==> flow/design.v <==
module scratch_n #(
    parameter integer D = 12,
    parameter integer DWIDTH = 40,
    parameter integer AW = $clog2(D)
) (
    input  clk,
    input  [AW-1:0] index_in,
    input  write_in,
    input  [DWIDTH-1:0] din_in,
    output [DWIDTH-1:0] q_out
);
    reg [DWIDTH-1:0] array [0:D-1];
    always @(posedge clk)
        if (write_in) array[index_in] <= din_in;
    assign q_out = write_in ? din_in : array[index_in];
endmodule
==> Tool chain data of scratch_n <==
The steps from the RTL of scratch_n to its reports follow in flow order.
Line numbers count from 1 in the design file above.
Operators carry their Yosys type and port widths (W data, S select, Z words).
Library cell names are shortened.
{ "design": {"design": "scratch_n", "clock_port": "clk", "lib": "sky130hd", "pvt_corner": "tt_025C_1v80"} }

==> Word level <==
Source: Yosys, flattened and elaborated, memories not mapped. Widths are those after wreduce; folded enables and synchronous resets count as part of the registers. Registers that Yosys merges into a memory's read port (data or address) are not register bits. Print and check cells do not count. Equal cells are merged and count once.
Memory sizes are those after Yosys's memory passes, which may raise the word count (mostly to a power of two), join words into wider ones and drop unused or constant bits.
{ "bits": {"out_inout_bits": 40, "register_bits": 0, "ram_bits": 480, "mem_count": 1} }
{ "classes": {"mux": 4} }
{ "memory_table": {"columns": ["name", "words", "width", "read_ports", "wr", "line_no", "text"], "rows": [
  ["array", 12, 40, 1, 1, 12, "reg [DWIDTH-1:0] array [0:D-1];"]
]} }
{ "ops": {"columns": ["op", "count"], "rows": [
  ["$mux W40", 2],
  ["$mux W4", 1],
  ["$mux W1", 1]
]} }

==> Depth <==
Yosys ltp: most cells in a row. Word level: on the elaborated netlist, between registers, memories and ports. Mapped: between sequential cells and ports; inverters and the memories' decode and read muxes count.
{ "depth": {"word_depth": 1, "abc_area": 0, "ltp_mapped": 7, "depth_no_buf": 4} }

==> Mapped cells and area <==
The flow's flattened synthesis, as Yosys stat reports it; memories are mapped. The netlist is that of the ABC_AREA named above (0 if unset); the other value can give another one.
{ "types": {"columns": ["type", "count"], "rows": [
  ["edfxtp_1", 480],
  ["mux2_2", 125],
  ["mux4_2", 40],
  ["o22ai_1", 80],
  ["mux2_1", 35],
  ["a21oi_1", 76],
  ["o31a_1", 40],
  ["buf_6", 16],
  ["inv_1", 40],
  ["clkbuf_1", 28],
  ["buf_2", 9],
  ["a21oi_2", 4],
  ["nor2_1", 9],
  ["buf_4", 4],
  ["nand2b_1", 4],
  ["buf_1", 5],
  ["buf_8", 1],
  ["nand3b_1", 2]
]} }
Other cell types: 4; their cells: 7.
{ "mapped": {"buf_cells": 63, "ff_cells": 480, "area_um2": 19038.3, "cell_count": 1005} }

==> Timing after synthesis <==
OpenSTA on the mapped netlist: ideal clock, no wires. The path of least setup slack (recovery checks aside). Input and output delay are each 20% of the period. Register names are those of the netlist, which keeps one name where synthesis merged equal registers.
{ "synth_path": {"path_kind": "input-to-reg", "from": "in index_in[3]", "to": "mem array[8][0]", "t_arrival_ns": 4.688, "period_ns": 6.16, "slack_ns": 0.985, "n_path_buf": 2, "path_delay_ns": 3.943, "path_stages": 4, "synth_period_reached_ns": 5.175} }
"path_delay_ns" = arrival - input delay + setup time.
"path_stages" counts driving pins, that of a launching flip-flop among them; a cell with two outputs on the path counts twice.
"synth_period_reached_ns" is the clock period less the worst setup slack; recovery checks do not enter. This is arithmetic on one report: input and output delays are still those of the set period (20% each).
Between the ends stands the longest chain of elaborated cells between them, by number of cells; it is not shown to be the way that was timed. Of several equally long chains one is given.
Each line given opens the expression or statement behind the cell; cells for indexed reads and writes are added by Yosys, which also makes memories of some case tables.
{ "synth_between": {"path_cell_list": "clkbuf_1 > clkbuf_1 > nand3b_1 > nor3_1", "elab_chain_cells": 1, "cone_cells": 1, "cone_classes": "1 x mux"} }
{ "synth_lines": {"columns": ["item", "line_no", "text"], "rows": [
  ["from (decl)", 7, "input  [AW-1:0] index_in,"],
  ["$mux W4", 14, "if (write_in) array[index_in] <= din_in;"],
  ["to (decl)", 12, "reg [DWIDTH-1:0] array [0:D-1];"]
]} }

==> Timing after layout <==
Path of least setup slack in the final report of flow run 1 (OpenROAD, finished layout, wires in). Where an end is a register, its clock arrival counts in the times.
{ "layout_path": {"path_kind": "input-to-output", "from": "in index_in[2]", "to": "out q_out[18]", "t_arrival_ns": 3.81, "period_ns": 6.16, "slack_ns": 1.11, "n_path_buf": 3, "path_stages": 7} }
Between the ends stands the longest chain of elaborated cells between them, by number of cells; it is not shown to be the way that was timed. Of several equally long chains one is given.
The chain passes a memory read, where the word-level depth is cut; so it can be longer than that depth.
{ "layout_between": {"path_cell_list": "clkdlybuf4s50_1 > nand2_2 > buf_4 > o22ai_1 > o31a_1 > a21oi_1 > clkdlybuf4s50_1", "elab_chain_cells": 2, "cone_cells": 2, "cone_classes": "1 x mux; 1 x memory"} }
{ "layout_lines": {"columns": ["item", "line_no", "text"], "rows": [
  ["from (decl)", 7, "input  [AW-1:0] index_in,"],
  ["$mem_v2 Z12 W40", 12, "reg [DWIDTH-1:0] array [0:D-1];"],
  ["$mux W40", 15, "assign q_out = write_in ? din_in : array[index_in];"],
  ["to (decl)", 10, "output [DWIDTH-1:0] q_out"]
]} }

Top module scratch_n; platform sky130hd; tools Yosys and OpenROAD; 3 stored runs in no particular order. Input and output delays are each 20% of the period that was set; the output load is 0.01 pF.
"period_less_ws_ns" is the run's clock period less its worst setup slack. It is reckoned from that one timing run; input and output delays stay at 20% of the period that was set.
By "worst_path_time_ns" is meant the share of the clock period that the worst setup path is allowed (20% is reserved at inputs, 20% at outputs), minus its slack. Clock arrival times at its registers enter into it.
"fin_power_mw": no workload was simulated; the value follows from the tool's default switching activity.
[
  {
    "run": "flow run 1",
    "settings": { "period_ns": 6.16, "CAP_MARGIN": 20, "CORE_MARGIN": 2, "CORE_UTILIZATION": 40, "SLEW_MARGIN": 20 },
    "results": { "worst_path_time_ns": 2.58, "critical_path_kind": "input-to-output", "stdcell_area_um2": 22286.4, "timing.setup.ws_ns": 1.113, "fin_power_mw": 7.117, "yosys_chip_area_um2": 19038.3, "period_less_ws_ns": 5.047, "timing.hold.ws_ns": 1.523, "dieArea_um2": 49357.3 }
  },
  {
    "run": "flow run 2",
    "settings": { "period_ns": 9.15, "CORE_UTILIZATION": 40, "PLACE_DENSITY": 0.64, "CORE_MARGIN": 3, "CTS_CLUSTER_DIAMETER": 167, "CAP_MARGIN": 20, "MIN_ROUTING_LAYER": "met1", "MAX_ROUTING_LAYER": "met5", "SLEW_MARGIN": 20 },
    "results": { "worst_path_time_ns": 2.97, "critical_path_kind": "input-to-output", "stdcell_area_um2": 21928.5, "timing.setup.ws_ns": 2.517, "fin_power_mw": 4.578, "yosys_chip_area_um2": 19038.3, "period_less_ws_ns": 6.633, "timing.hold.ws_ns": 2.103, "dieArea_um2": 50249.9 }
  },
  {
    "run": "flow run 3",
    "settings": { "period_ns": 3.99, "CORE_UTILIZATION": 43, "SETUP_SLACK_MARGIN": -0.35, "PLACE_DENSITY_LB_ADDON": 0.06, "CORE_MARGIN": 4, "ABC_AREA": 0, "GPL_ROUTABILITY_DRIVEN": 0, "CTS_CLUSTER_DIAMETER": 352, "CAP_MARGIN": 15, "SLEW_MARGIN": 20 },
    "results": { "worst_path_time_ns": 2.24, "critical_path_kind": "input-to-output", "stdcell_area_um2": 22519.1, "timing.setup.ws_ns": 0.150, "fin_power_mw": 10.774, "yosys_chip_area_um2": 19038.3, "period_less_ws_ns": 3.840, "timing.hold.ws_ns": 0.971, "dieArea_um2": 47705.1 }
  }
]
